==> flow/design.v <==
module mplex_stage (clk, resetn, d0_in, d1_in, d2_in, d3_in, d4_in, d5_in, choose_in, o_out);
  parameter DATA_W = 10;
  input clk;
  input resetn;
  input [DATA_W-1:0] d0_in;
  input [DATA_W-1:0] d1_in;
  input [DATA_W-1:0] d2_in;
  input [DATA_W-1:0] d3_in;
  input [DATA_W-1:0] d4_in;
  input [DATA_W-1:0] d5_in;
  input [2:0] choose_in;
  output [DATA_W-1:0] o_out;
  reg [DATA_W-1:0] d0_q;
  reg [DATA_W-1:0] d1_q;
  reg [DATA_W-1:0] d2_q;
  reg [DATA_W-1:0] d3_q;
  reg [DATA_W-1:0] d4_q;
  reg [DATA_W-1:0] d5_q;
  reg [2:0] choose_q;
  reg [DATA_W-1:0] work;
  always @* begin
    case (choose_q)
      0: work = d0_q;
      1: work = d1_q;
      2: work = d2_q;
      3: work = d3_q;
      4: work = d4_q;
      default: work = d5_q;
    endcase
  end
  assign o_out = work;
  always @(posedge clk) begin
    if (~resetn) begin
      d0_q <= 0;
      d1_q <= 0;
      d2_q <= 0;
      d3_q <= 0;
      d4_q <= 0;
      d5_q <= 0;
      choose_q <= 0;
    end else begin
      d0_q <= d0_in;
      d1_q <= d1_in;
      d2_q <= d2_in;
      d3_q <= d3_in;
      d4_q <= d4_in;
      d5_q <= d5_in;
      choose_q <= choose_in;
    end
  end
endmodule
Reports on mplex_stage
The steps from the RTL of mplex_stage to its reports follow in flow order.
Line numbers count from 1 in the design file above.
Library cell names are shortened.
The mark - stands for no value.
Inputs
  top module: mplex_stage
  clock: clk
  standard-cell library: sky130hd
  corner: tt_025C_1v80

After elaboration
Yosys after proc, flatten, opt, wreduce and memory -nomap, before mapping. Enables and synchronous resets that opt folds into registers are not counted as muxes. Memory bits, and registers merged into a memory's read port (data or address), are not among the register bits. Print and check cells are not counted. Equal cells are merged and count once.
Operators by class
  equal/unequal tests: 4
  mux-type cells: 1
  reduce/logical cells: 1
Operators with widths (number)
  10-bit case mux with 5-bit select: 1
  3-bit by 2-bit equality test with 1-bit output (second input constant): 2
  3-bit by 1-bit equality test with 1-bit output (second input constant): 1
  3-bit equality test (second input constant): 1
  3-bit logical NOT: 1
Storage and ports
  register bits: 63
  input bits: 65
  output and inout bits: 10
  cells after elaboration: 13

Longest topological paths
Yosys ltp: most cells in a row. Word level: on the elaborated netlist, between registers, memories and ports. Mapped: between sequential cells and ports; inverters and the memories' decode and read muxes count.
Depth
  depth after elaboration: 2
  ABC_AREA: 0
  mapped depth: 6
  depth with buffers taken out: 4

Mapped cells and area
Yosys stat after the flow's synthesis: flattened, memories mapped to cells. It holds for the ABC_AREA given above (unset counts as 0); a run with the other value may have another netlist.
Mapped netlist
  cells in the netlist: 213
  chip area (Yosys): 2272.2 um^2
  sequential area: 1261.2 um^2
  flip-flop cells: 63
  buffer cells: 15
Cells by type
  dfxtp_1: number 63, total area 1261.21 um^2
  and2_1: number 63, total area 394.128 um^2
  mux4_1: number 3, total area 78.826 um^2
  mux2i_1: number 7, total area 70.067 um^2
  mux2_2: number 5, total area 56.304 um^2
  a21oi_1: number 11, total area 55.053 um^2
  o21ai_0: number 9, total area 45.043 um^2
  nand2b_1: number 6, total area 37.536 um^2
  a21o_1: number 4, total area 30.029 um^2
  nor2_1: number 8, total area 30.029 um^2
  clkbuf_1: number 7, total area 26.275 um^2
  a31oi_1: number 4, total area 25.024 um^2
  nor2b_1: number 4, total area 25.024 um^2
  buf_6: number 2, total area 22.522 um^2
  mux4_2: number 1, total area 22.522 um^2
  buf_2: number 4, total area 20.019 um^2
  buf_4: number 2, total area 15.014 um^2
  nand2_1: number 4, total area 15.014 um^2
Other cell types: 6; their cells: 6.

Path before layout
Source: OpenSTA report_checks on the synthesized netlist (no wires, ideal clock, input and output delay 20% of the period each), path of least setup slack; recovery checks are left aside. Register names are those of the netlist, which keeps one name where synthesis merged equal registers.
Timing path post-synthesis
  path kind: register -> output
  start: register (no name shown)
  end: output port o_out[1]
  period: 1.85 ns
  output delay: 0.370 ns
  time at the first pin: 0.000 ns
  arrival time: 1.182 ns
  data required time: 1.480 ns
  slack: 0.298 ns
  path delay: 1.182 ns
  stages on the path: 5
  path buffers: 1
  synthesis period reached: 1.552 ns
"path delay" is the arrival time less input delay plus setup time.
At an output port there is no setup time.
"stages on the path" counts driving pins, that of a launching flip-flop among them; a cell with two outputs on the path counts twice.
"synthesis period reached" is the clock period less the worst setup slack; recovery checks do not enter. This is arithmetic on one report: input and output delays are still those of the set period (20% each).
The rows between start and end are the longest chain of elaborated cells between them; the timing report does not say that the signal goes this way. Where chains are equally long, one stands for them.
A line is the first line of the expression or statement that the cell stems from. Yosys adds cells for indexed reads and writes and turns some case tables into memories.
Between the ends, post-synthesis
  cell sequence: dfxtp_1 > buf_6 > mux4_2 > nor2_1 > a21oi_1
  length of the longest elaborated chain: 2
  elaborated cells between the ends (all ways): 6
  source lines of those cells: 1
Ends and longest elaborated chain, post-synthesis
  start: declaration: RTL line 19
  start: assignment: RTL line 40
  start: assignment: RTL line 48
  3-bit equality test: RTL line 22
  10-bit case mux with 5-bit select: RTL line 22
  end: declaration: RTL line 12  | output [DATA_W-1:0] o_out;

Worst path after layout
Path of least setup slack in the final report of job 1 (OpenROAD, finished layout, wires in). Where an end is a register, its clock arrival counts in the times.
Timing path post-layout
  path kind: register -> output
  start: register (no name shown)
  end: output port o_out[2]
  period: 1.85 ns
  output delay: 0.37 ns
  time at the first pin: 0.34 ns
  arrival time: 1.62 ns
  data required time: 1.48 ns
  slack: -0.14 ns
  stages on the path: 7
  path buffers: 3
The rows between start and end are the longest chain of elaborated cells between them; the timing report does not say that the signal goes this way. Where chains are equally long, one stands for them.
Between the ends, post-layout
  cell sequence: dfxtp_4 > buf_12 > buf_4 > o31ai_2 > a22o_1 > a21oi_2 > buf_2
  length of the longest elaborated chain: 2
  elaborated cells between the ends (all ways): 6
  source lines of those cells: 1
Ends and longest elaborated chain, post-layout
  start: declaration: RTL line 19
  start: assignment: RTL line 40
  start: assignment: RTL line 48
  3-bit equality test: RTL line 22
  10-bit case mux with 5-bit select: RTL line 22
  end: declaration: RTL line 12  | output [DATA_W-1:0] o_out;

Below are 3 stored runs of the flow (Yosys, OpenROAD; platform sky130hd) on mplex_stage, each with its settings and what was measured, unordered. Constraints: input delay and output delay 20% of the set period each, output load 0.01 pF.
"achieved clock period (ns)" = clock period - worst setup slack. The figure is calculated, with input and output delays left at 20% of the set period.
By "worst setup path time (ns)" is meant the share of the clock period that the worst setup path is allowed (20% is reserved at inputs, 20% at outputs), minus its slack. Clock arrival times at its registers enter into it.
"finish__power__total" is the tool's figure for a default switching activity; nothing was simulated.

settings of job 1
{
  "period_ns": 1.85,
  "CAP_MARGIN": 20,
  "CORE_MARGIN": 2,
  "CORE_UTILIZATION": 40,
  "SLEW_MARGIN": 20
}
report of job 1
yosys chip area after synthesis (um^2): 2272.2
finish__design__die__area: 6299.6
finish__design__instance__area__stdcell: 3588.4
finish__design__instance__utilization: 0.6517
finish__timing__setup__ws: -0.144
finish__timing__setup__tns: -0.970
finish__timing__hold__ws: 0.596
finish__power__total: 3.273e-03
achieved clock period (ns): 1.994
worst setup path time (ns): 1.62
worst setup path kind: register -> output

settings of job 2
{
  "period_ns": 0.974,
  "CORE_UTILIZATION": 59,
  "SETUP_SLACK_MARGIN": 0.04,
  "PLACE_DENSITY": 0.76,
  "CORE_MARGIN": 10,
  "SLEW_MARGIN": 10,
  "CAP_MARGIN": 20
}
report of job 2: did not finish, route, DPL-0033

settings of job 3
{
  "period_ns": 1.57,
  "CORE_UTILIZATION": 44,
  "SETUP_SLACK_MARGIN": 0.37,
  "PLACE_DENSITY_LB_ADDON": 0.24,
  "CELL_PAD_IN_SITES_DETAIL_PLACEMENT": 2,
  "CTS_CLUSTER_SIZE": 24,
  "CAP_MARGIN": 5,
  "MIN_ROUTING_LAYER": "met2",
  "CORE_MARGIN": 2,
  "SLEW_MARGIN": 20
}
report of job 3: did not finish, place, DPL-0033
